==> flow/design.v <==
module rf_blk #(
    parameter NREGS = 10,
    parameter XLEN = 64,
    parameter ADDR_WIDTH = $clog2(NREGS)
) (
    input wire aclk,
    input wire nrst,
    input wire valid,
    input wire load_in,
    input wire [ADDR_WIDTH-1:0] write_addr_in,
    input wire [XLEN-1:0] wdata_in,
    input wire [ADDR_WIDTH-1:0] raddr0_in,
    input wire [ADDR_WIDTH-1:0] raddr1_in,
    output wire [XLEN-1:0] rdata0_out,
    output wire [XLEN-1:0] rdata1_out
);
    reg load_s;
    reg [ADDR_WIDTH-1:0] write_addr_s;
    reg [XLEN-1:0] wdata_s;
    always @(posedge aclk) begin
        if (~nrst) begin
            load_s <= 1'b0;
            write_addr_s <= 0;
            wdata_s <= 0;
        end else if (valid) begin
            load_s <= load_in;
            write_addr_s <= write_addr_in;
            wdata_s <= wdata_in;
        end
    end
    reg [XLEN-1:0] gpr [NREGS-1:0];
    integer k;
    always @(posedge aclk) begin
        if (~nrst) begin
            for (k = 0; k < NREGS; k = k + 1)
                gpr[k] <= 0;
        end else if (valid && load_s) begin
            gpr[write_addr_s] <= wdata_s;
        end
    end
    reg [ADDR_WIDTH-1:0] raddr0_s;
    reg [ADDR_WIDTH-1:0] raddr1_s;
    always @(posedge aclk) begin
        if (~nrst) begin
            raddr0_s <= 0;
            raddr1_s <= 0;
        end else if (valid) begin
            raddr0_s <= raddr0_in;
            raddr1_s <= raddr1_in;
        end
    end
    assign rdata0_out = gpr[raddr0_s];
    assign rdata1_out = gpr[raddr1_s];
endmodule
=== From RTL to reports: rf_blk ===
Tool output for the design above, in the order of the flow.
Lines are those of the file above, counted from 1.
Library cell names are shortened.
A cell with -- has no value.

* Top module: rf_blk
* Clock port: aclk
* Cell library: sky130hd
* Corner: tt_025C_1v80

=== Word-level counts ===
Counts by Yosys on the flattened word-level netlist (proc, flatten, opt, wreduce; memories kept). Print and check cells are left out. Cells with the same type and inputs are merged into one.
Memory sizes are those after Yosys's memory passes, which may raise the word count (mostly to a power of two), join words into wider ones and drop unused or constant bits.

* Multiplexer cells: 14
* Reductions and logical operators: 2

{| class="wikitable"
|+ Operator list
! kind !! count
|-
| 64-bit 2-to-1 mux || 3
|-
| 64-bit OR reduction || 1
|-
| 4-bit 2-to-1 mux || 7
|-
| 1-bit 2-to-1 mux || 4
|-
| 1-bit logical AND || 1
|}

* Flip-flop bits (word level): 77
* Bits in writable memories: 1024
* Memories: 1
* Input port bits: 80
* Output and inout bits: 128
* Word-level cells: 22

{| class="wikitable"
|+ Memories
! name !! words !! width !! RTL line !! RTL
|-
| gpr || 16 || 64 || 31 || <nowiki>reg [XLEN-1:0] gpr [NREGS-1:0];</nowiki>
|}

=== Depth ===
Yosys ltp: most cells in a row. Word level: on the elaborated netlist, between registers, memories and ports. Mapped: between sequential cells and ports; inverters and the memories' decode and read muxes count.

* Depth after elaboration: 5
* ABC_AREA: 0
* Gate-level depth with buffers: 7
* Depth with buffers taken out: 3

=== Netlist ===
Yosys stat after the flow's synthesis: flattened, memories mapped to cells. It holds for the ABC_AREA given above (unset counts as 0); a run with the other value may have another netlist.
Totals and module areas in this step are rounded.

{| class="wikitable"
|+ Cells by type
! cell type !! count !! area in all (um^2)
|-
| edfxtp_1 || 1024 || 3.07E+04
|-
| mux4_2 || 512 || 1.15E+04
|-
| a22oi_1 || 256 || 1.92E+03
|-
| dfxtp_1 || 85 || 1.7E+03
|-
| nor2_1 || 440 || 1.65E+03
|-
| nand2_1 || 258 || 968.429
|-
| and2_1 || 130 || 813.28
|-
| mux2i_1 || 77 || 770.739
|-
| clkbuf_1 || 151 || 566.794
|-
| nor2b_1 || 83 || 519.248
|-
| nor2_4 || 40 || 450.432
|-
| buf_4 || 34 || 255.245
|-
| buf_2 || 50 || 250.24
|-
| nor2_2 || 40 || 250.24
|-
| buf_1 || 28 || 105.101
|-
| buf_6 || 8 || 90.086
|-
| buf_12 || 4 || 80.077
|-
| o21ai_0 || 9 || 45.043
|}

Other cell types: 12; their cells: 17.

* Standard cells after synthesis: 3246
* Chip area (Yosys): 52800 um^2
* Sequential area: 32500 um^2
* Flip-flop cells: 1109
* Buffers: 275

=== Worst setup path after synthesis ===
Path of least setup slack by OpenSTA after synthesis, without wires, with an ideal clock, recovery checks aside; 20% of the period is set as input and as output delay. Where synthesis merged equal registers, the netlist keeps one of their names.

* Path kind: input to register
* Start point: input valid
* End point: memory (no name shown)
* Clock period: 9.5 ns
* External input delay: 1.900 ns
* Data arrival time: 7.404 ns
* Required time: 8.922 ns
* Setup slack: 1.518 ns
* Path delay: 6.082 ns
* Stages on the path: 5
* Path buffers: 2
* Period reached after synthesis: 7.982 ns

"path delay" = arrival - input delay + setup time.
"stages on the path" counts driving pins, that of a launching flip-flop among them; a cell with two outputs on the path counts twice.
"period reached after synthesis" = period - worst setup slack (recovery checks aside). The figure is calculated, with input and output delays left at 20% of the set period.
The rows between start and end are the longest chain of elaborated cells between them; the timing report does not say that the signal goes this way. Where chains are equally long, one stands for them.
A line is the first line of the expression or statement that the cell stems from. Yosys adds cells for indexed reads and writes and turns some case tables into memories.
The path ends at the enable pin of a flip-flop; only ways to that pin are counted.

* Path through: buf_2 -> and3_1 -> clkbuf_1 -> nand3_1 -> nor3b_1
* Cells in the longest elaborated chain: 5

{| class="wikitable"
|+ Ends and longest elaborated chain, post-synthesis
! item !! RTL line !! RTL
|-
| start: declaration || 8 || <nowiki>input wire valid,</nowiki>
|-
| 1-bit logical AND || 37 || <nowiki>end else if (valid && load_s) begin</nowiki>
|-
| 1-bit 2-to-1 mux || 37 ||
|-
| 1-bit 2-to-1 mux || 34 || <nowiki>if (~nrst) begin</nowiki>
|-
| 64-bit OR reduction || -- ||
|-
| 4-bit 2-to-1 mux || -- ||
|}

=== Worst path after layout ===
From the final timing report of run 1: the path of least setup slack in the routed layout; clock arrival at registers is part of the times.

* Path kind: register to output
* Start point: register (no name shown)
* End point: output rdata0_out[17]
* Clock period: 9.5 ns
* Data arrival time: 4.31 ns
* Required time: 7.60 ns
* Setup slack: 3.29 ns
* Stages on the path: 7
* Path buffers: 3

* Path through: dfxtp_4 -> buf_4 -> buf_4 -> mux4_2 -> a22oi_1 -> nand2_1 -> clkdlybuf4s50_1

{| class="wikitable"
|+ Ends and longest elaborated chain, after layout
! item !! RTL line !! RTL
|-
| end: declaration || 14 || <nowiki>output wire [XLEN-1:0] rdata0_out,</nowiki>
|}

Chain of elaborated cells between the ends: none given.

==> results <==
Settings and measured results of 3 stored flow runs for module rf_blk (sky130hd), not sorted in any way. The constraints put input and output delay at 20% of the set period each and load the outputs with 0.01 pF.
"achieved clock period" means the clock period less the worst setup slack. The figure is calculated, with input and output delays left at 20% of the set period.
"power": no workload was simulated; the value follows from the tool's default switching activity.
Measured values are rounded.

Run 1
==> flow/run.sh <==
#!/bin/bash
# the make line also repeats the synthesis and layout settings of config.mk as NAME=value (left out here)
make -C /OpenROAD-flow-scripts/flow DESIGN_CONFIG=/design/flow/config.mk WORK_HOME=/design/flow/orfs CLKGATE_MAP_FILE= finish
==> flow/config.mk <==
export PLATFORM = sky130hd
export DESIGN_NAME = rf_blk
export DESIGN_NICKNAME = rf_blk
export VERILOG_FILES = /design/flow/design.v
export SDC_FILE = /design/flow/constraint.sdc
export NUM_CORES = 4
export LEC_CHECK = 0
export CAP_MARGIN = 20
export CORE_MARGIN = 2
export CORE_UTILIZATION = 40
export SLEW_MARGIN = 20
==> flow/constraint.sdc <==
create_clock -name core_clock -period 9.5 [get_ports {aclk}]
set_input_delay 1.9000 -clock core_clock [delete_from_list [all_inputs] [get_ports {aclk}]]
set_output_delay 1.9000 -clock core_clock [all_outputs]
set_load 0.01 [all_outputs]

==> results of run 1 <==
chip area after synthesis (Yosys): 52800 um^2
die area: 135000 um^2
utilization: 46.0 %
worst setup slack after layout: 3.29 ns
total negative slack: 0.000 ns
power: 11200 µW
achieved clock period: 6.213 ns

Run 2
==> flow/run.sh <==
#!/bin/bash
# the make line also repeats the synthesis and layout settings of config.mk as NAME=value (left out here)
make -C /OpenROAD-flow-scripts/flow DESIGN_CONFIG=/design/flow/config.mk WORK_HOME=/design/flow/orfs CLKGATE_MAP_FILE= finish
==> flow/config.mk <==
export PLATFORM = sky130hd
export DESIGN_NAME = rf_blk
export DESIGN_NICKNAME = rf_blk
export VERILOG_FILES = /design/flow/design.v
export SDC_FILE = /design/flow/constraint.sdc
export NUM_CORES = 4
export LEC_CHECK = 0
export CAP_MARGIN = 20
export CORE_MARGIN = 2
export CORE_UTILIZATION = 71
export MAX_ROUTING_LAYER = met5
export PLACE_DENSITY_LB_ADDON = 0.06
export SETUP_SLACK_MARGIN = -0.14
export SLEW_MARGIN = 15
==> flow/constraint.sdc <==
create_clock -name core_clock -period 7.92 [get_ports {aclk}]
set_input_delay 1.5840 -clock core_clock [delete_from_list [all_inputs] [get_ports {aclk}]]
set_output_delay 1.5840 -clock core_clock [all_outputs]
set_load 0.01 [all_outputs]

==> results of run 2 <==
chip area after synthesis (Yosys): 52800 um^2
die area: 76600 um^2
utilization: 80.2 %
worst setup slack after layout: 2.30 ns
total negative slack: 0.000 ns
power: 13300 µW
achieved clock period: 5.621 ns

Run 3
==> flow/run.sh <==
#!/bin/bash
# the make line also repeats the synthesis and layout settings of config.mk as NAME=value (left out here)
make -C /OpenROAD-flow-scripts/flow DESIGN_CONFIG=/design/flow/config.mk WORK_HOME=/design/flow/orfs CLKGATE_MAP_FILE= finish
==> flow/config.mk <==
export PLATFORM = sky130hd
export DESIGN_NAME = rf_blk
export DESIGN_NICKNAME = rf_blk
export VERILOG_FILES = /design/flow/design.v
export SDC_FILE = /design/flow/constraint.sdc
export NUM_CORES = 4
export LEC_CHECK = 0
export ABC_AREA = 0
export CAP_MARGIN = 20
export CORE_MARGIN = 6
export CORE_UTILIZATION = 63
export CTS_CLUSTER_DIAMETER = 322
export MAX_ROUTING_LAYER = met4
export MIN_ROUTING_LAYER = met1
export PLACE_DENSITY = 0.39
export SLEW_MARGIN = 10
export TNS_END_PERCENT = 10
==> flow/constraint.sdc <==
create_clock -name core_clock -period 9.06 [get_ports {aclk}]
set_input_delay 1.8120 -clock core_clock [delete_from_list [all_inputs] [get_ports {aclk}]]
set_output_delay 1.8120 -clock core_clock [all_outputs]
set_load 0.01 [all_outputs]

==> results of run 3 <==
chip area after synthesis (Yosys): 52800 um^2
die area: 91000 um^2
utilization: 72.4 %
worst setup slack after layout: 3.10 ns
total negative slack: 0.000 ns
power: 11900 µW
achieved clock period: 5.961 ns
